==> flow/design.v <==
module alu_relation (sys_clk, rstn, i_dataa, i_datab, i_datac, o_in_range);
    parameter integer NBITS = 6;
    input sys_clk;
    input rstn;
    input [NBITS-1:0] i_dataa;
    input [NBITS-1:0] i_datab;
    input [NBITS-1:0] i_datac;
    output o_in_range;
    reg [NBITS-1:0] dataa_q;
    reg [NBITS-1:0] datab_q;
    reg [NBITS-1:0] datac_q;
    assign o_in_range = (dataa_q >= datab_q) && (dataa_q <= datac_q);
    always @(posedge sys_clk) begin
        if (!rstn) begin
            dataa_q <= 0;
            datab_q <= 0;
            datac_q <= 0;
        end else begin
            dataa_q <= i_dataa;
            datab_q <= i_datab;
            datac_q <= i_datac;
        end
    end
endmodule
-- Tool chain data of alu_relation
The steps from the RTL of alu_relation to its reports follow in flow order.
Line numbers count from 1 in the design file above.
A cell with n/a has no value.
- design top: alu_relation
- clock: sys_clk
- library: sky130hd
- corner: tt_025C_1v80

-- Word-level counts
Source: Yosys, flattened and elaborated, memories not mapped. Widths are those after wreduce; folded enables and synchronous resets count as part of the registers. Registers that Yosys merges into a memory's read port (data or address) are not register bits. Print and check cells do not count. Equal cells are merged and count once.
- noted register bits after elaboration: 18
- word-level cells: 6
- output and inout port bits: 1
- noted input port bits: 20
- $lt $le $gt $ge at 2
- reduce/logical cells at 1
- operator list (kind ; number):
    6-bit greater-or-equal comparator ; 1
    6-bit <= comparator ; 1
    1-bit logical AND ; 1

-- Longest topological paths
Yosys ltp: most cells in a row. Word level: on the elaborated netlist, between registers, memories and ports. Mapped: between sequential cells and ports; inverters and the memories' decode and read muxes count.
- word-level depth: 2
- ABC_AREA: 0
- depth in mapped cells: 6
- mapped depth without buffers: 6

-- Synthesis result
The flow's flattened synthesis, as Yosys stat reports it; memories are mapped. The netlist is that of the ABC_AREA named above (0 if unset); the other value can give another one.
The area totals of this step are shown rounded.
- noted flip-flop cells: 18
- cell count: 77
- mapped area at 778.2 um^2
- buffers: 1
- sequential area at 360.3 um^2
- cells by type (type ; number ; area in all (um^2)):
    sky130_fd_sc_hd__dfxtp_1 ; 18 ; 360.346
    sky130_fd_sc_hd__ha_1 ; 12 ; 150.144
    sky130_fd_sc_hd__and2_1 ; 18 ; 112.608
    sky130_fd_sc_hd__inv_1 ; 12 ; 45.043
    sky130_fd_sc_hd__a21oi_2 ; 2 ; 17.517
    sky130_fd_sc_hd__a211oi_2 ; 1 ; 12.512
    sky130_fd_sc_hd__nand2b_1 ; 2 ; 12.512
    sky130_fd_sc_hd__o2111ai_1 ; 1 ; 8.758
    sky130_fd_sc_hd__a211oi_1 ; 1 ; 7.507
    sky130_fd_sc_hd__a21o_1 ; 1 ; 7.507
    sky130_fd_sc_hd__nand2_1 ; 2 ; 7.507
    sky130_fd_sc_hd__o21a_1 ; 1 ; 7.507
    sky130_fd_sc_hd__nand4_1 ; 1 ; 6.256
    sky130_fd_sc_hd__a21oi_1 ; 1 ; 5.005
    sky130_fd_sc_hd__nand3_1 ; 1 ; 5.005
    sky130_fd_sc_hd__o21ai_0 ; 1 ; 5.005
    sky130_fd_sc_hd__clkbuf_1 ; 1 ; 3.754
    sky130_fd_sc_hd__nor2_1 ; 1 ; 3.754

-- Path before layout
Path of least setup slack by OpenSTA after synthesis, without wires, with an ideal clock, recovery checks aside; 20% of the period is set as input and as output delay. Where synthesis merged equal registers, the netlist keeps one of their names.
- path type: register -> output
- start point: reg datac_q[4]
- end point: out o_in_range
- noted external output delay: 366 ps
- stages on the path: 7
- data arrival time: 1173 ps
- slack at 291 ps
- path buffers at 0
- required time: 1464 ps
- noted time at the first pin: 0 ps
- noted path delay: 1173 ps
- noted clock period: 1830 ps
- synthesis period reached at 1539 ps
"path delay" = arrival - input delay + setup time.
At an output port there is no setup time.
"stages on the path": output pins that drive a net of the path, with the launching flip-flop's if there is one; two outputs of one cell count as two.
"synthesis period reached" = period - worst setup slack (recovery checks aside). The figure is calculated, with input and output delays left at 20% of the set period.
Between the ends stands the longest chain of elaborated cells between them, by number of cells; it is not shown to be the way that was timed. Of several equally long chains one is given.
Each line given opens the expression or statement behind the cell; cells for indexed reads and writes are added by Yosys, which also makes memories of some case tables.
- cell sequence: sky130_fd_sc_hd__dfxtp_1 > sky130_fd_sc_hd__inv_1 > sky130_fd_sc_hd__ha_1 > sky130_fd_sc_hd__a21oi_2 > sky130_fd_sc_hd__nand2_1 > sky130_fd_sc_hd__a211oi_2 > sky130_fd_sc_hd__o21a_1
- cells in the longest elaborated chain at 2
- elaborated cells on any way between the ends at 2
- RTL lines with such cells at 1
- those cells by class: 1 x compare; 1 x reduce/logical
- RTL lines, path post-synthesis (item ; line ; text):
    start, declared ; 11 ; reg [NBITS-1:0] datac_q;
    start, assigned ; 17 ; datac_q <= 0;
    start, assigned ; 21 ; datac_q <= i_datac;
    6-bit <= comparator ; 12 ; assign o_in_range = (dataa_q >= datab_q) && (dataa_q <= datac_q);
    1-bit logical AND ; 12 ;
    end, declared ; 8 ; output o_in_range;

-- Path in the finished layout
From the final timing report of job 2: the path of least setup slack in the routed layout; clock arrival at registers is part of the times.
The report prints the path's times to 10 ps; the period is as set.
- path type: register -> output
- start point: reg dataa_q[4]
- end point: out o_in_range
- path buffers at 1
- noted clock period: 1830 ps
- stages on the path: 7
- required time: 1460 ps
- slack at -130 ps
- data arrival time: 1590 ps
- noted external output delay: 370 ps
- noted time at the first pin: 290 ps
Between the ends stands the longest chain of elaborated cells between them, by number of cells; it is not shown to be the way that was timed. Of several equally long chains one is given.
- cell sequence: sky130_fd_sc_hd__dfxtp_4 > sky130_fd_sc_hd__ha_4 > sky130_fd_sc_hd__a21oi_2 > sky130_fd_sc_hd__nand2_1 > sky130_fd_sc_hd__a211oi_2 > sky130_fd_sc_hd__o21a_1 > sky130_fd_sc_hd__buf_2
- cells in the longest elaborated chain at 2
- elaborated cells on any way between the ends at 3
- RTL lines with such cells at 1
- those cells by class: 2 x compare; 1 x reduce/logical
- RTL lines, path after layout (item ; line ; text):
    start, declared ; 9 ; reg [NBITS-1:0] dataa_q;
    start, assigned ; 15 ; dataa_q <= 0;
    start, assigned ; 19 ; dataa_q <= i_dataa;
    6-bit greater-or-equal comparator ; 12 ; assign o_in_range = (dataa_q >= datab_q) && (dataa_q <= datac_q);
    1-bit logical AND ; 12 ;
    end, declared ; 8 ; output o_in_range;

Appendix: measured runs

Design alu_relation on sky130hd. What follows are 3 stored runs of the flow, each under its own settings; their order means nothing. The constraints put input and output delay at 20% of the set period each and load the outputs with 0.01 pF.
"power" rests on the timing tool's default activity at the inputs, not on a simulated workload.
The measured numbers are rounded.

Job 1

==> flow/run.sh <==
#!/bin/bash
# the make line also repeats the synthesis and layout settings of config.mk as NAME=value (left out here)
make -C /OpenROAD-flow-scripts/flow DESIGN_CONFIG=/design/flow/config.mk WORK_HOME=/design/flow/orfs CLKGATE_MAP_FILE= finish
==> flow/config.mk <==
export PLATFORM = sky130hd
export DESIGN_NAME = alu_relation
export DESIGN_NICKNAME = alu_relation
export VERILOG_FILES = /design/flow/design.v
export SDC_FILE = /design/flow/constraint.sdc
export NUM_CORES = 4
export LEC_CHECK = 0
export CAP_MARGIN = 20
export CELL_PAD_IN_SITES_GLOBAL_PLACEMENT = 2
export CORE_MARGIN = 8
export CORE_UTILIZATION = 67
export CTS_CLUSTER_DIAMETER = 311
export CTS_CLUSTER_SIZE = 94
export GPL_ROUTABILITY_DRIVEN = 1
export SLEW_MARGIN = 20
export TNS_END_PERCENT = 40
==> flow/constraint.sdc <==
create_clock -name core_clock -period 0.994 [get_ports {sys_clk}]
set_input_delay 0.1988 -clock core_clock [delete_from_list [all_inputs] [get_ports {sys_clk}]]
set_output_delay 0.1988 -clock core_clock [all_outputs]
set_load 0.01 [all_outputs]

Job 1: not finished: placement ended with error GPL-0301.

Job 2

==> flow/run.sh <==
#!/bin/bash
# the make line also repeats the synthesis and layout settings of config.mk as NAME=value (left out here)
make -C /OpenROAD-flow-scripts/flow DESIGN_CONFIG=/design/flow/config.mk WORK_HOME=/design/flow/orfs CLKGATE_MAP_FILE= finish
==> flow/config.mk <==
export PLATFORM = sky130hd
export DESIGN_NAME = alu_relation
export DESIGN_NICKNAME = alu_relation
export VERILOG_FILES = /design/flow/design.v
export SDC_FILE = /design/flow/constraint.sdc
export NUM_CORES = 4
export LEC_CHECK = 0
export CAP_MARGIN = 20
export CORE_MARGIN = 2
export CORE_UTILIZATION = 40
export SLEW_MARGIN = 20
==> flow/constraint.sdc <==
create_clock -name core_clock -period 1.83 [get_ports {sys_clk}]
set_input_delay 0.3660 -clock core_clock [delete_from_list [all_inputs] [get_ports {sys_clk}]]
set_output_delay 0.3660 -clock core_clock [all_outputs]
set_load 0.01 [all_outputs]

Measured in job 2:
- lowest setup slack at -126 ps
- noted the final worst hold slack: 628 ps
- standard-cell area after layout: 1139 um^2
- sum of negative setup slack: -126 ps
- power: 0.0008236 W
- synthesized cell area at 778.2 um^2
- noted the total die area: 2315 um^2
- utilization after routing: 63.9 %

Job 3

==> flow/run.sh <==
#!/bin/bash
# the make line also repeats the synthesis and layout settings of config.mk as NAME=value (left out here)
make -C /OpenROAD-flow-scripts/flow DESIGN_CONFIG=/design/flow/config.mk WORK_HOME=/design/flow/orfs CLKGATE_MAP_FILE= finish
==> flow/config.mk <==
export PLATFORM = sky130hd
export DESIGN_NAME = alu_relation
export DESIGN_NICKNAME = alu_relation
export VERILOG_FILES = /design/flow/design.v
export SDC_FILE = /design/flow/constraint.sdc
export NUM_CORES = 4
export LEC_CHECK = 0
export ABC_AREA = 0
export CAP_MARGIN = 20
export CELL_PAD_IN_SITES_DETAIL_PLACEMENT = 1
export CELL_PAD_IN_SITES_GLOBAL_PLACEMENT = 1
export CORE_MARGIN = 2
export CORE_UTILIZATION = 29
export CTS_CLUSTER_SIZE = 65
export GPL_TIMING_DRIVEN = 1
export MIN_ROUTING_LAYER = met1
export PLACE_DENSITY = 0.58
export SETUP_SLACK_MARGIN = 0.51
export SLEW_MARGIN = 0
==> flow/constraint.sdc <==
create_clock -name core_clock -period 1.77 [get_ports {sys_clk}]
set_input_delay 0.3540 -clock core_clock [delete_from_list [all_inputs] [get_ports {sys_clk}]]
set_output_delay 0.3540 -clock core_clock [all_outputs]
set_load 0.01 [all_outputs]

Measured in job 3:
- noted the total die area: 3114 um^2
- standard-cell area after layout: 1121 um^2
- power: 0.0007881 W
- utilization after routing: 44.8 %
- noted the final worst hold slack: 620 ps
- sum of negative setup slack: -168 ps
- lowest setup slack at -168 ps
- synthesized cell area at 778.2 um^2
